==> flow/design.v <==
module my_mpy_rtl #(
    parameter integer DATA_W = 7,
    parameter integer B_WIDTH = 3
) (
    input  wire clk,
    input  wire rst_n,
    input  wire [DATA_W-1:0] i_dataa,
    input  wire [B_WIDTH-1:0] i_datab,
    output wire [DATA_W+B_WIDTH-1:0] o_p
);
    reg [DATA_W-1:0] dataa_q;
    reg [B_WIDTH-1:0] datab_q;
    assign o_p = dataa_q * datab_q;
    always @(posedge clk or negedge rst_n) begin
        if (!rst_n) begin
            dataa_q <= 0;
            datab_q <= 0;
        end else begin
            dataa_q <= i_dataa;
            datab_q <= i_datab;
        end
    end
endmodule
Wiki page: my_mpy_rtl / tool data

=== Step by step through the tools: my_mpy_rtl ===
Module my_mpy_rtl in several versions that differ in "B_WIDTH"; each step lists the members.
The file above is the member B_WIDTH=3. Line numbers count from 1 in each member's own file.
Operators carry their Yosys type and port widths (W data, S select, Z words).
Cell names lack the library's common part.
The mark n/a stands for no value.

* Design top: my_mpy_rtl
* Clock input: clk
* Library: sky130hd
* Timing corner: tt_025C_1v80

=== Members of the sweep ===
New or changed lines of each further member against the RTL above, in its own file; lines it lacks are not shown.

{| class="wikitable"
|+ New or changed lines
! B_WIDTH !! line !! source
|-
| 4 || 3 || <nowiki>parameter integer B_WIDTH = 4</nowiki>
|-
| 10 || 3 || <nowiki>parameter integer B_WIDTH = 10</nowiki>
|-
| 12 || 3 || <nowiki>parameter integer B_WIDTH = 12</nowiki>
|-
| 16 || 3 || <nowiki>parameter integer B_WIDTH = 16</nowiki>
|}

=== Elaborated design ===
Counts by Yosys on the flattened word-level netlist (proc, flatten, opt, wreduce; memories kept). Register bits leave out memories and registers merged into their read ports (data or address); mux counts leave out enables and synchronous resets folded into registers. Print and check cells are left out. Cells with the same type and inputs are merged into one.

{| class="wikitable"
|+ Operators by class
! B_WIDTH !! multiply operators
|-
| 3 || 1
|-
| 4 || 1
|-
| 10 || 1
|-
| 12 || 1
|-
| 16 || 1
|}

{| class="wikitable"
|+ Operators by type and width
! B_WIDTH !! kinds with counts
|-
| 3 || $mul A7 B3 Y10 (1)
|-
| 4 || $mul A7 B4 Y11 (1)
|-
| 10 || $mul A7 B10 Y17 (1)
|-
| 12 || $mul A7 B12 Y19 (1)
|-
| 16 || $mul A7 B16 Y23 (1)
|}

{| class="wikitable"
|+ Bit counts
! B_WIDTH !! register bits after elaboration !! input port bits !! elaborated cells
|-
| 3 || 10 || 12 || 3
|-
| 4 || 11 || 13 || 3
|-
| 10 || 17 || 19 || 3
|-
| 12 || 19 || 21 || 3
|-
| 16 || 23 || 25 || 3
|}

=== Depth ===
Yosys ltp: most cells in a row. Word level: on the elaborated netlist, between registers, memories and ports. Mapped: between sequential cells and ports; inverters and the memories' decode and read muxes count.

{| class="wikitable"
|+ Logic depth
! B_WIDTH !! word-level depth !! ABC_AREA !! gate-level depth with buffers
|-
| 3 || 1 || 0 || 9
|-
| 4 || 1 || 0 || 10
|-
| 10 || 1 || 0 || 15
|-
| 12 || 1 || 0 || 17
|-
| 16 || 1 || 0 || 18
|}

=== Netlist ===
Yosys stat after the flow's synthesis: flattened, memories mapped to cells. It holds for the ABC_AREA given above (unset counts as 0); a run with the other value may have another netlist.

{| class="wikitable"
|+ Synthesis totals
! B_WIDTH !! cells in the netlist !! buffers !! synthesis area (um^2) !! sequential area (um^2) !! flip-flops
|-
| 3 || 81 || 0 || 788.3 || 250.2 || 10
|-
| 4 || 109 || 0 || 1,079.8 || 275.3 || 11
|-
| 10 || 275 || 2 || 2,727.6 || 425.4 || 17
|-
| 12 || 345 || 9 || 3,205.6 || 475.5 || 19
|-
| 16 || 456 || 10 || 4,194.0 || 575.6 || 23
|}

{| class="wikitable"
|+ Cells by type
! B_WIDTH !! type and count
|-
| 3 || dfrtp_1 (10); fa_1 (6); ha_1 (9); and2_1 (9); nand2_1 (12); inv_1 (11); xnor2_1 (2); a21oi_1 (3); nor2b_1 (2); and3_4 (1); a311o_1 (1); a211o_1 (1); a21o_2 (1); a31o_2 (1); o31a_1 (1); xor2_1 (1); a21o_1 (1); nor2_1 (2); (+7)
|-
| 4 || dfrtp_1 (11); fa_1 (10); ha_1 (15); and2_1 (19); inv_1 (15); nand2_1 (13); xnor2_1 (3); xor2_1 (3); a21oi_1 (4); o31ai_2 (1); and4b_1 (1); mux2i_1 (1); nor3_1 (2); o21ai_0 (2); a21o_2 (1); a21oi_2 (1); a221oi_1 (1); a211oi_1 (1); (+5)
|-
| 10 || fa_1 (39); ha_1 (35); dfrtp_1 (17); and2_1 (56); inv_1 (42); nand2_1 (22); a221oi_4 (2); xnor2_1 (6); a21oi_1 (9); xor2_1 (5); a2111oi_4 (1); nor2_1 (7); a21o_1 (3); and3_2 (3); nor3_1 (4); o21ai_0 (4); a21o_2 (2); o22a_4 (1); (+17)
|-
| 12 || fa_1 (49); dfrtp_1 (19); ha_1 (37); and2_1 (55); inv_1 (60); nand2_1 (39); a21oi_1 (13); xnor2_1 (7); a21o_1 (6); xor2_1 (5); clkbuf_1 (7); a211oi_2 (2); a31oi_1 (4); a211oi_1 (3); nand3_1 (4); nor2_1 (5); nor2b_1 (3); xor2_2 (1); (+26)
|-
| 16 || fa_1 (69); dfrtp_1 (23); and2_1 (82); ha_1 (41); inv_1 (80); nand2_1 (50); a21oi_1 (18); xnor2_1 (9); xor2_1 (8); nor2_1 (13); o21ai_0 (9); clkbuf_1 (9); o311ai_4 (1); a21o_1 (3); a221o_1 (2); and4_1 (2); nor3b_1 (2); a211oi_2 (1); (+34)
|}

A list marked (+n) leaves out that many cells.

=== Worst setup path after synthesis ===
Source: OpenSTA report_checks on the synthesized netlist (no wires, ideal clock, input and output delay 20% of the period each), path of least setup slack; recovery checks are left aside. Register names are those of the netlist, which keeps one name where synthesis merged equal registers.

{| class="wikitable"
|+ Path after synthesis
! B_WIDTH !! path kind !! start point !! end point !! stages on the path !! period (ps) !! path delay (ps) !! slack (ps) !! period reached after synthesis (ps)
|-
| 3 || flip-flop to output port || reg datab_q[2] || out o_p[8] || 10 || 3,710 || 2,377 || 591 || 3,119
|-
| 4 || flip-flop to output port || reg datab_q[3] || out o_p[8] || 11 || 4,350 || 2,781 || 699 || 3,651
|-
| 10 || flip-flop to output port || reg dataa_q[3] || out o_p[16] || 16 || 6,820 || 4,362 || 1,094 || 5,726
|-
| 12 || flip-flop to output port || reg dataa_q[6] || out o_p[18] || 15 || 6,810 || 4,360 || 1,088 || 5,722
|-
| 16 || flip-flop to output port || reg dataa_q[1] || out o_p[19] || 16 || 7,080 || 4,534 || 1,130 || 5,950
|}

"path delay" = arrival - input delay + setup time.
A path that ends at an output port has no setup time.
"stages on the path" counts driving pins, that of a launching flip-flop among them; a cell with two outputs on the path counts twice.
"period reached after synthesis" is the clock period less the worst setup slack; recovery checks do not enter. This is arithmetic on one report: input and output delays are still those of the set period (20% each).
Between the ends stands the longest chain of elaborated cells between them, by number of cells; it is not shown to be the way that was timed. Of several equally long chains one is given.
Each line given opens the expression or statement behind the cell; cells for indexed reads and writes are added by Yosys, which also makes memories of some case tables.

On the way, after synthesis, B_WIDTH=3:
* Cells in the longest elaborated chain: 1

{| class="wikitable"
|+ RTL lines, path after synthesis, B_WIDTH=3
! element !! line !! source
|-
| start, declared || 12 || <nowiki>reg [B_WIDTH-1:0] datab_q;</nowiki>
|-
| start, assigned || 17 || <nowiki>datab_q <= 0;</nowiki>
|-
| start, assigned || 20 || <nowiki>datab_q <= i_datab;</nowiki>
|-
| $mul A7 B3 Y10 || 13 || <nowiki>assign o_p = dataa_q * datab_q;</nowiki>
|-
| end, declared || 9 || <nowiki>output wire [DATA_W+B_WIDTH-1:0] o_p</nowiki>
|}

On the way, after synthesis, B_WIDTH=16:
* Cells in the longest elaborated chain: 1

{| class="wikitable"
|+ RTL lines, path after synthesis, B_WIDTH=16
! element !! line !! source
|-
| start, declared || 11 || <nowiki>reg [DATA_W-1:0] dataa_q;</nowiki>
|-
| start, assigned || 16 || <nowiki>dataa_q <= 0;</nowiki>
|-
| start, assigned || 19 || <nowiki>dataa_q <= i_dataa;</nowiki>
|-
| $mul A7 B16 Y23 || 13 || <nowiki>assign o_p = dataa_q * datab_q;</nowiki>
|-
| end, declared || 9 || <nowiki>output wire [DATA_W+B_WIDTH-1:0] o_p</nowiki>
|}

=== Worst path after layout ===
Path of least setup slack in the final report of the run of each member (OpenROAD, finished layout, wires in). Where an end is a register, its clock arrival counts in the times.
The report prints the path's times to 10 ps; the period is as set.

{| class="wikitable"
|+ Path post-layout
! B_WIDTH !! path kind !! start point !! end point !! period (ps) !! arrival (ps) !! slack (ps) !! path buffers !! stages on the path
|-
| 3 || flip-flop to output port || reg datab_q[2] || out o_p[8] || 3,710 || 2,820 || 150 || 1 || 11
|-
| 4 || flip-flop to output port || reg datab_q[3] || out o_p[8] || 4,350 || 3,300 || 180 || 1 || 11
|-
| 10 || flip-flop to output port || reg datab_q[3] || out o_p[9] || 6,820 || 5,190 || 260 || 1 || 17
|-
| 12 || flip-flop to output port || reg datab_q[3] || out o_p[18] || 6,810 || 5,210 || 240 || 1 || 15
|-
| 16 || flip-flop to output port || reg datab_q[5] || out o_p[16] || 7,080 || 5,430 || 230 || 1 || 18
|}

=== Measured runs ===
One run of the flow (Yosys, OpenROAD) for each member, with settings and measured results. Input and output delays are each 20% of the period that was set; the output load is 0.01 pF.

* CAP_MARGIN: 20
* CORE_MARGIN: 2
* CORE_UTILIZATION: 40
* SLEW_MARGIN: 20

{| class="wikitable"
|+ Settings by member
! B_WIDTH !! period_ns
|-
| 3 || 3.71
|-
| 4 || 4.35
|-
| 10 || 6.82
|-
| 12 || 6.81
|-
| 16 || 7.08
|}

{| class="wikitable"
|+ Measured results
! B_WIDTH !! worst setup slack after layout (ps) !! total design power (mW) !! overall die area (um^2) !! total negative slack (ps) !! final utilization (%) !! achieved period (ps) !! Yosys chip area after synthesis (um^2) !! standard-cell area after layout (um^2)
|-
| 3 || 150 || 0.3283 || 2,341.6 || 0 || 57.2 || 3,560 || 788.3 || 1,087.3
|-
| 4 || 176 || 0.4026 || 3,131.0 || 0 || 56.2 || 4,174 || 1,079.8 || 1,416.4
|-
| 10 || 262 || 0.9932 || 7,495.2 || 0 || 48.3 || 6,558 || 2,727.6 || 3,225.6
|-
| 12 || 239 || 1.214 || 8,746.0 || 0 || 48.4 || 6,571 || 3,205.6 || 3,742.3
|-
| 16 || 231 || 1.723 || 11,319.9 || 0 || 47.5 || 6,849 || 4,194.0 || 4,860.9
|}

"achieved period" is the run's clock period less its worst setup slack. It is reckoned from that one timing run; input and output delays stay at 20% of the period that was set.
By "total design power" is meant OpenSTA's value without simulated activity: inputs other than the clock are taken to toggle once in ten clock periods, and the tool carries that through the logic.
